==> flow/design.v <==
module alu_storage_mod (clk, in_wen, in_waddr, in_din, in_ra, out_q);
  parameter WORDS = 4;
  parameter DWIDTH = 64;
  parameter NUM_RD = 6;
  localparam AW = $clog2(WORDS);
  input clk;
  input in_wen;
  input [AW-1:0] in_waddr;
  input [DWIDTH-1:0] in_din;
  input [NUM_RD*AW-1:0] in_ra;
  output [NUM_RD*DWIDTH-1:0] out_q;
  reg wen_r;
  reg [AW-1:0] waddr_r;
  reg [DWIDTH-1:0] din_r;
  always @(posedge clk) begin
    wen_r <= in_wen;
    waddr_r <= in_waddr;
    din_r <= in_din;
  end
  reg [DWIDTH-1:0] bank [WORDS-1:0];
  always @(posedge clk) begin
    if (wen_r)
      bank[waddr_r] <= din_r;
  end
  reg [NUM_RD*AW-1:0] ra_r;
  always @(posedge clk) begin
    ra_r <= in_ra;
  end
  wire [NUM_RD*DWIDTH-1:0] nxt;
  genvar m;
  generate
    for (m = 0; m < NUM_RD; m = m + 1) begin : lane
      assign nxt[m*DWIDTH +: DWIDTH] = bank[ra_r[m*AW +: AW]];
    end
  endgenerate
  assign out_q = nxt;
endmodule
* Tool chain data of alu_storage_mod
What the tools print for alu_storage_mod, step after step.
Line numbers count from 1 in the design file above.
Operators carry their Yosys type and port widths (W data, S select, Z words).
Cell names lack the library's common part.
The mark - stands for no value.
- Top module :: alu_storage_mod
- Clock port :: clk
- Cell library :: sky130hd
- Library corner :: tt_025C_1v80

* After elaboration
Counts by Yosys on the flattened word-level netlist (proc, flatten, opt, wreduce; memories kept). Register bits leave out memories and registers merged into their read ports (data or address); mux counts leave out enables and synchronous resets folded into registers. Print and check cells are left out. Cells with the same type and inputs are merged into one.
Yosys's memory passes give these memory sizes; they may raise the number of words (mostly to a power of two), join words into wider ones and drop unused or constant bits.
- Muxes and demuxes :: 3
** Operator list (count)
- $mux W64 :: 1
- $mux W2 :: 1
- $mux W1 :: 1
- Output and inout port bits :: 384
- Input bits :: 80
- Memories kept :: 1
- Flip-flop bits (word level) :: 67
- Memory bits (writable) :: 256
- Cells after elaboration :: 7
- Clocked read ports x word width :: 384
** Memory list
- bank :: words 4, bits a word 64, read ports 6, write ports 1, line 20 : reg [DWIDTH-1:0] bank [WORDS-1:0];

* Depth
Longest topological path by Yosys (ltp), each cell counted once; first at word level (registers and memories cut), then after technology mapping (sequential cells cut; the memories' decode and read muxes count).
- Depth in word-level cells :: 1
- ABC_AREA :: 0
- Gate-level depth with buffers :: 3
- Depth with buffers taken out :: 1

* Netlist
The flow's flattened synthesis, as Yosys stat reports it; memories are mapped. The netlist is that of the ABC_AREA named above (0 if unset); the other value can give another one.
- Sequential part of the area :: 9268.9 sq um
- Flip-flops :: 335
- Buffer cells :: 84
- Mapped area :: 19037.0 sq um
- Cells in the netlist :: 807
** Cell types
- mux4_2 :: count 360, total area 8.11E+03 sq um
- edfxtp_1 :: count 256, total area 7.69E+03 sq um
- dfxtp_1 :: count 79, total area 1.58E+03 sq um
- buf_12 :: count 36, total area 720.691 sq um
- mux4_1 :: count 24, total area 630.605 sq um
- buf_2 :: count 36, total area 180.173 sq um
- buf_6 :: count 6, total area 67.565 sq um
- clkbuf_2 :: count 6, total area 30.029 sq um
- and3b_1 :: count 2, total area 17.517 sq um
- nor3b_1 :: count 1, total area 7.507 sq um
- and3_1 :: count 1, total area 6.256 sq um

* Worst setup path after synthesis
OpenSTA on the mapped netlist: ideal clock, no wires. The path of least setup slack (recovery checks aside). Input and output delay are each 20% of the period. Register names are those of the netlist, which keeps one name where synthesis merged equal registers.
- Kind :: reg2reg
- Start point :: reg waddr_r[1]
- End point :: mem bank[0][0]
- Delay of the path :: 5.559 ns
- Clock period :: 6.95 ns
- Required time :: 6.372 ns
- Setup slack :: 1.391 ns
- Data arrival time :: 4.981 ns
- Path buffers :: 0
- Stages :: 2
- Library setup time :: 0.578 ns
- Launch time at the first pin :: 0.000 ns
- Synthesis period reached :: 5.559 ns
"delay of the path" is the arrival time less input delay plus setup time.
"stages" counts driving pins, that of a launching flip-flop among them; a cell with two outputs on the path counts twice.
"synthesis period reached" is the clock period less the worst setup slack; recovery checks do not enter. This is arithmetic on one report: input and output delays are still those of the set period (20% each).
The rows between start and end are the longest chain of elaborated cells between them; the timing report does not say that the signal goes this way. Where chains are equally long, one stands for them.
A line is the first line of the expression or statement that the cell stems from. Yosys adds cells for indexed reads and writes and turns some case tables into memories.
- Cells stage by stage :: dfxtp_1 nor3b_1
- Cells in the longest elaborated chain :: 1
- Elaborated cells on any way between the ends :: 1
- RTL lines with such cells :: 1
- Those cells by class :: mux: 1
** Ends and longest elaborated chain, post-synthesis
- start, declared :: line 13 : reg [AW-1:0] waddr_r;
- start, assigned :: line 17 : waddr_r <= in_waddr;
- $mux W2 :: line 22 : if (wen_r)
- end, declared :: line 20 : reg [DWIDTH-1:0] bank [WORDS-1:0];

* Timing after layout
Path of least setup slack in the final report of run A (OpenROAD, finished layout, wires in). Where an end is a register, its clock arrival counts in the times.
- Kind :: reg2out
- Start point :: reg (name not given)
- End point :: out out_q[73]
- Setup slack :: 5.39 ns
- Required time :: 7.97 ns
- Clock period :: 9.96 ns
- External output delay :: 1.99 ns
- Path buffers :: 3
- Stages :: 5
- Launch time at the first pin :: 0.54 ns
- Data arrival time :: 2.57 ns
- Cells stage by stage :: dfxtp_1 clkbuf_2 buf_2 mux4_2 clkdlybuf4s50_1
** Ends and longest elaborated chain, post-layout
- end, declared :: line 11 : output [NUM_RD*DWIDTH-1:0] out_q;
No chain of elaborated cells between the ends is given.

--- measured runs ---
Module alu_storage_mod, platform sky130hd: 3 stored runs of the flow (Yosys, OpenROAD) with differing settings, in no particular order. Input and output delays are each 20% of the period that was set; the output load is 0.01 pF.
"clock period achieved" means the clock period less the worst setup slack. The figure is calculated, with input and output delays left at 20% of the set period.
"worst path time" means the part of the period allowed to the worst setup path (the constraints hold back 20% at inputs and 20% at outputs) less its slack; where the path has registers, the arrival times of their clocks count too.
"power consumption" is the tool's figure for a default switching activity; nothing was simulated.

** Run A
- Settings :: period_ns=9.96; CORE_UTILIZATION=35; SETUP_SLACK_MARGIN=-0.31; PLACE_DENSITY_LB_ADDON=0.24; CELL_PAD_IN_SITES_GLOBAL_PLACEMENT=3; CELL_PAD_IN_SITES_DETAIL_PLACEMENT=1; GPL_TIMING_DRIVEN=0; GPL_ROUTABILITY_DRIVEN=1; CTS_CLUSTER_SIZE=21; MIN_ROUTING_LAYER=met1; MAX_ROUTING_LAYER=met5; CAP_MARGIN=20; CORE_MARGIN=2; SLEW_MARGIN=20
- Final design utilization :: 48.4%
- Worst hold slack in the final report :: 0.470 ns
- Worst setup slack after layout :: 5.394 ns
- Clock period achieved :: 4.566 ns
- Setup TNS :: 0.000 ns
- Worst path time :: 2.57 ns
- Type of the worst setup path :: reg2out
- Die outline area :: 56273.3 sq um
- Power consumption :: 4.055 mW
- Post-synthesis cell area :: 19037.0 sq um
- Standard-cell area after routing :: 26070.0 sq um

** Run B
- Settings :: period_ns=9.69; CORE_UTILIZATION=50; PLACE_DENSITY=0.88; GPL_ROUTABILITY_DRIVEN=0; CAP_MARGIN=0; MAX_ROUTING_LAYER=met5; CORE_MARGIN=2; SLEW_MARGIN=20
- Die outline area :: 39650.8 sq um
- Worst hold slack in the final report :: 0.463 ns
- Power consumption :: 4.008 mW
- Setup TNS :: 0.000 ns
- Post-synthesis cell area :: 19037.0 sq um
- Final design utilization :: 65.7%
- Worst path time :: 3.33 ns
- Type of the worst setup path :: reg2out
- Worst setup slack after layout :: 4.420 ns
- Clock period achieved :: 5.270 ns
- Standard-cell area after routing :: 24703.7 sq um

** Run C
- Settings :: period_ns=6.95; CAP_MARGIN=20; CORE_MARGIN=2; CORE_UTILIZATION=40; SLEW_MARGIN=20
- Clock period achieved :: 4.620 ns
- Standard-cell area after routing :: 24970.2 sq um
- Worst hold slack in the final report :: 0.464 ns
- Final design utilization :: 53.4%
- Die outline area :: 49352.8 sq um
- Worst path time :: 3.23 ns
- Type of the worst setup path :: reg2out
- Setup TNS :: 0.000 ns
- Worst setup slack after layout :: 2.330 ns
- Power consumption :: 5.691 mW
- Post-synthesis cell area :: 19037.0 sq um
--- end ---
